==> flow/design.v <==
module mag_cmp_n #(
   parameter W = 40
) (
   input logic sys_clk,
   input logic nrst,
   input logic signed [W-1:0] da_in,
   input logic signed [W-1:0] db_in,
   output logic lt_out,
   output logic a_eq_b_out,
   output logic is_gt_out
);
   logic signed [W-1:0] da_reg;
   logic signed [W-1:0] db_reg;
   always_ff @(posedge sys_clk or negedge nrst) begin
      if (!nrst) begin
         da_reg <= '0;
         db_reg <= '0;
         lt_out <= 1'b0;
         a_eq_b_out <= 1'b0;
         is_gt_out <= 1'b0;
      end else begin
         da_reg <= da_in;
         db_reg <= db_in;
         lt_out <= (da_reg < db_reg);
         a_eq_b_out <= (da_reg == db_reg);
         is_gt_out <= (da_reg > db_reg);
      end
   end
endmodule
# From RTL to reports: mag_cmp_n
# What the tools print for mag_cmp_n, step after step.
# Line numbers count from 1 in the design file above.
# Operators carry their Yosys type and port widths (W data, S select, Z words).
# Cell names lack the library's common part.
# A cell with - has no value.
# design
top	mag_cmp_n
clk_port	sys_clk
library	sky130hd
corner	tt_025C_1v80

# Elaborated design
# Counts by Yosys on the flattened word-level netlist (proc, flatten, opt, wreduce; memories kept). Register bits leave out memories and registers merged into their read ports (data or address); mux counts leave out enables and synchronous resets folded into registers. Print and check cells are left out. Cells with the same type and inputs are merged into one.
# bits
register_bits	83
wordCells	8
# classes
eq_ne	1
cmp	2
# ops
op	n
$gt A40 B40 Y1	1
$lt A40 B40 Y1	1
$eq A40 B40 Y1	1

# Logic depth
# Depth = most cells in a row (Yosys ltp): at word level without a register or memory, in the mapped netlist without a sequential cell, where the memories' decode and read muxes count.
# depth
word_depth	1
ABC_AREA	0
ltp_mapped	8

# After synthesis
# The flow's flattened synthesis, as Yosys stat reports it; memories are mapped. The netlist is that of the ABC_AREA named above (0 if unset); the other value can give another one.
# by_type
cell	n
dfrtp_1	83
ha_1	40
inv_1	42
a21oi_1	17
nand4_1	9
nand3_1	5
nand2_1	6
o21ai_0	4
a211oi_1	2
a21o_1	2
nor4_1	2
nor4_2	1
o221a_2	1
o311a_2	1
a221o_1	1
o311a_1	1
a2111oi_0	1
and2b_1	1
# Other cell types: 8; their cells: 9.
# synth_totals
flip_flops	83
yosys_area_um2	3113.0
seq_area_um2	2077.0
stdcells	228
buf_cells	0

# Timing after synthesis
# Path of least setup slack by OpenSTA after synthesis, without wires, with an ideal clock, recovery checks aside; 20% of the period is set as input and as output delay. Where synthesis merged equal registers, the netlist keeps one of their names.
# synth_path
kind	register to register
from	register da_reg[22]
to	register lt_out
path_buffers	0
tclk_ns	2.74
path_stages	8
setup_ns	0.119
delay_ns	2.191
required_time_ns	2.621
slack_ns	0.549
arrival_ns	2.072
period_less_setup_slack_ns	2.191
# "delay_ns" = arrival - input delay + setup time.
# "path_stages" counts driving pins, that of a launching flip-flop among them; a cell with two outputs on the path counts twice.
# "period_less_setup_slack_ns" is the clock period less the worst setup slack; recovery checks do not enter. This is arithmetic on one report: input and output delays are still those of the set period (20% each).
# The rows between start and end are the longest chain of elaborated cells between them; the timing report does not say that the signal goes this way. Where chains are equally long, one stands for them.
# Each line given opens the expression or statement behind the cell; cells for indexed reads and writes are added by Yosys, which also makes memories of some case tables.
# synth_via
cell_sequence	dfrtp_1 > ha_1 > a21oi_1 > nand2_1 > a221o_1 > o311a_1 > or4_1 > and2_1
elab_chain_cells	1
# synth_rtl
item	line	rtl
from (decl)	12	logic signed [W-1:0] da_reg;
from (assign)	16	da_reg <= '0;
from (assign)	22	da_reg <= da_in;
$lt A40 B40 Y1	24	lt_out <= (da_reg < db_reg);
to (assign)	18	lt_out <= 1'b0;
to (assign)	24
to (decl)	8	output logic lt_out,

# Timing after layout
# From the final timing report of run A: the path of least setup slack in the routed layout; clock arrival at registers is part of the times.
# layout_path
kind	register to register
from	register db_reg[22]
to	register lt_out
arrival_ns	2.44
setup_ns	0.10
path_buffers	0
tclk_ns	2.59
slack_ns	0.39
required_time_ns	2.83
path_stages	9
# The rows between start and end are the longest chain of elaborated cells between them; the timing report does not say that the signal goes this way. Where chains are equally long, one stands for them.
# layout_via
cell_sequence	dfrtp_1 > inv_2 > ha_4 > a21oi_1 > nand2_1 > a221o_1 > o311a_1 > or4_1 > and2_1
elab_chain_cells	1
# layout_rtl
item	line	rtl
from (decl)	13	logic signed [W-1:0] db_reg;
from (assign)	17	db_reg <= '0;
from (assign)	23	db_reg <= db_in;
$lt A40 B40 Y1	24	lt_out <= (da_reg < db_reg);
to (assign)	18	lt_out <= 1'b0;
to (assign)	24
to (decl)	8	output logic lt_out,

# mag_cmp_n through Yosys and OpenROAD on sky130hd: 3 stored runs, unordered, with their settings and measured results. The constraints put input and output delay at 20% of the set period each and load the outputs with 0.01 pF.
# "period_less_ws_ns" means the clock period less the worst setup slack. The figure is calculated, with input and output delays left at 20% of the set period.
# "worst_path_time_ns" means the part of the period allowed to the worst setup path (the constraints hold back 20% at inputs and 20% at outputs) less its slack; where the path has registers, the arrival times of their clocks count too.
# "totalPower_uw" is the tool's figure for a default switching activity; nothing was simulated.
# Among the settings, . means not set for that run.
run name	period_ns	CORE_UTILIZATION	SETUP_SLACK_MARGIN	PLACE_DENSITY_LB_ADDON	CELL_PAD_IN_SITES_DETAIL_PLACEMENT	TNS_END_PERCENT	GPL_TIMING_DRIVEN	SLEW_MARGIN	CAP_MARGIN	CORE_MARGIN	CELL_PAD_IN_SITES_GLOBAL_PLACEMENT	CTS_CLUSTER_SIZE	synthesis_area_um2	final_die_area_um2	stdcell_area_um2	ws_setup_ns	total_negative_slack_ns	totalPower_uw	period_less_ws_ns	worst_path_time_ns	worst_setup_path_type
run A	2.59	42	0.6	0.08	0	10	0	40	20	2	.	.	3113.0	8116.2	4349.2	0.389	0.000	2481	2.201	2.20	register to register
run B	2.35	26	0.13	0.2	.	.	.	20	20	2	3	13	3113.0	12864.1	4541.9	0.159	0.000	3278	2.191	2.19	register to register
run C	2.74	40	.	.	.	.	.	20	20	2	.	.	3113.0	8504.5	4302.9	0.389	0.000	2518	2.351	2.35	register to register
